==> flow/design.v <==
module core_chooser_rtl #(
    parameter WD = 1,
    parameter WAYS = 8,
    parameter SEL_WIDTH = $clog2(WAYS)
) (
    input wire ck,
    input wire RST,
    input wire [WAYS*WD-1:0] in_ch,
    input wire [SEL_WIDTH-1:0] in_sel,
    output wire [WD-1:0] out_q
);
    reg [WAYS*WD-1:0] ch_r;
    reg [SEL_WIDTH-1:0] sel_r;
    always @(posedge ck or posedge RST) begin
        if (RST) begin
            ch_r <= 0;
            sel_r <= 0;
        end else begin
            ch_r <= in_ch;
            sel_r <= in_sel;
        end
    end
    wire [WAYS-1:0] onehot = {{(WAYS-1){1'b0}}, 1'b1} << sel_r;
    reg [WAYS-1:0] onehot_r;
    reg [WAYS*WD-1:0] ch_r_d;
    always @(posedge ck or posedge RST) begin
        if (RST) begin
            onehot_r <= 0;
            ch_r_d <= 0;
        end else begin
            onehot_r <= onehot;
            ch_r_d <= ch_r;
        end
    end
    reg [WD-1:0] r;
    integer i;
    always @(*) begin
        r = 0;
        for (i = 0; i < WAYS; i = i + 1)
            r = r | (ch_r_d[i*WD +: WD] & {WD{onehot_r[i]}});
    end
    reg [WD-1:0] q_r;
    always @(posedge ck or posedge RST) begin
        if (RST) begin
            q_r <= 0;
        end else begin
            q_r <= r;
        end
    end
    assign out_q = q_r;
endmodule
# == Reports on core_chooser_rtl ==
# Tool output for the design above, in the order of the flow.
# Lines are those of the file above, counted from 1.
# Operators: Yosys type, input widths -> output width; for muxes data width and select width s.
# Library cell names are shortened.
# Not given: --
# design
design,core_chooser_rtl
clock,ck
lib,sky130hd
corner,tt_025C_1v80

# == After elaboration ==
# Counts by Yosys on the flattened word-level netlist (proc, flatten, opt, wreduce; memories kept). Register bits leave out memories and registers merged into their read ports (data or address); mux counts leave out enables and synchronous resets folded into registers. Print and check cells are left out. Cells with the same type and inputs are merged into one.
# word_totals
register_bits,28
input_bits,13
# op_classes
shifts,1
logic,15
# op_table
cell,n
$and 1x1->1,8
$shl 1x3->8 const A,1
$or 1x1->1,7

# == Longest topological paths ==
# Depth = most cells in a row (Yosys ltp): at word level without a register or memory, in the mapped netlist without a sequential cell, where the memories' decode and read muxes count.
# depth
ltp_word,8
abc_area,1
depth_mapped,4
ltp_nobuf,4

# == Synthesis result ==
# Yosys stat after the flow's synthesis: flattened, memories mapped to cells. It holds for the ABC_AREA given above (unset counts as 0); a run with the other value may have another netlist.
# synth_totals
flip_flops,28
area_mm2,0.000832
cells,55
seq_area_mm2,0.0007007
# types
cell,n,type_area_um2
dfrtp_1,28,700.672
nand2_1,13,48.797
nor3_2,4,40.038
nor3_1,4,20.019
inv_2,3,11.261
nor2_1,2,7.507
inv_1,1,3.754

# == Path before layout ==
# Path of least setup slack by OpenSTA after synthesis, without wires, with an ideal clock, recovery checks aside; 20% of the period is set as input and as output delay. Where synthesis merged equal registers, the netlist keeps one of their names.
# synth_timing
path_kind,reg2reg
start,register sel_r[0]
end,register onehot_r[7]
period_ns,0.917
t_first_pin_ns,0.000
t_arrival_ns,0.622
setup_ns,0.080
path_slack_ns,0.214
stages,3
delay_ns,0.702
synth_period_reached_ns,0.703
# "delay_ns" is the arrival time less input delay plus setup time.
# "stages" counts driving pins, that of a launching flip-flop among them; a cell with two outputs on the path counts twice.
# "synth_period_reached_ns" = period - worst setup slack (recovery checks aside). The figure is calculated, with input and output delays left at 20% of the set period.
# Between the ends stands the longest chain of elaborated cells between them, by number of cells; it is not shown to be the way that was timed. Of several equally long chains one is given.
# A line is the first line of the expression or statement that the cell stems from. Yosys adds cells for indexed reads and writes and turns some case tables into memories.
# synth_between
path_cell_list,dfrtp_1 -> inv_2 -> nor3_2
elab_chain_len,1
cone_cells,1
lines_between,1
classes_between,shift (1)
# synth_lines
item,line,text
from (decl),13,reg [SEL_WIDTH-1:0] sel_r;
from (assign),17,sel_r <= 0;
from (assign),20,sel_r <= in_sel;
$shl 1x3->8,23,"wire [WAYS-1:0] onehot = {{(WAYS-1){1'b0}}, 1'b1} << sel_r;"
to (assign),28,onehot_r <= 0;
to (assign),31,onehot_r <= onehot;
to (decl),24,reg [WAYS-1:0] onehot_r;

# == Timing after layout ==
# From the final timing report of flow run 1: the path of least setup slack in the routed layout; clock arrival at registers is part of the times.
# layout_timing
path_kind,reg2out
start,register q_r
end,output port out_q[0]
t_first_pin_ns,0.32
period_ns,1.29
path_slack_ns,0.12
t_arrival_ns,0.91
stages,2
# layout_between
path_cell_list,dfrtp_1 -> clkdlybuf4s15_1
elab_chain_len,0
cone_cells,0
lines_between,0
# layout_lines
item,line,text
from (decl),42,reg [WD-1:0] q_r;
from (assign),45,q_r <= 0;
from (assign),47,q_r <= r;
to (decl),10,output wire [WD-1:0] out_q

# Measured results for core_chooser_rtl: 3 stored runs of the Yosys and OpenROAD flow on sky130hd. The settings differ; the order carries no meaning. The constraints put input and output delay at 20% of the set period each and load the outputs with 0.01 pF.
# "period_reached_ns": clock period set for the run, less the worst setup slack. It is reckoned from that one timing run; input and output delays stay at 20% of the period that was set.
# "worst_path_time_ns" means the part of the period allowed to the worst setup path (the constraints hold back 20% at inputs and 20% at outputs) less its slack; where the path has registers, the arrival times of their clocks count too.
# By "power.total_uw" is meant OpenSTA's value without simulated activity: inputs other than the clock are taken to toggle once in ten clock periods, and the tool carries that through the logic.
# A setting shown as - is not set for that run.
stored run,period_ns,CORE_UTILIZATION,SETUP_SLACK_MARGIN,PLACE_DENSITY_LB_ADDON,CORE_ASPECT_RATIO,CELL_PAD_IN_SITES_GLOBAL_PLACEMENT,TNS_END_PERCENT,ABC_AREA,CTS_CLUSTER_DIAMETER,CAP_MARGIN,CORE_MARGIN,SLEW_MARGIN,HOLD_SLACK_MARGIN,CELL_PAD_IN_SITES_DETAIL_PLACEMENT,GPL_TIMING_DRIVEN,MIN_ROUTING_LAYER,MAX_ROUTING_LAYER,period_reached_ns,fin_ws_ns,post_synth_area_mm2,worst_path_time_ns,worst_setup_path_type,utilization_frac,final_stdcell_area_mm2,die_mm2,power.total_uw,setupTns_ns
flow run 1,1.29,52,0.07,0.26,1.46,0,10,1,35,20,2,20,-,-,-,-,-,1.173,0.117,0.000832,0.91,reg2out,0.69,0.0010422,0.0019419,1428,0.000
flow run 2,1.32,20,-0.12,0.15,0.89,0,-,0,205,20,6,15,-0.09,2,0,met1,met4,1.055,0.265,0.0008033,0.79,reg2out,0.287,0.0010923,0.005684,1661,0.000
flow run 3,0.917,40,-,-,-,-,-,-,-,20,2,20,-,-,-,-,-,0.998,-0.081,0.0008033,0.81,reg2out,0.53,0.0010185,0.0023824,1987,-0.081
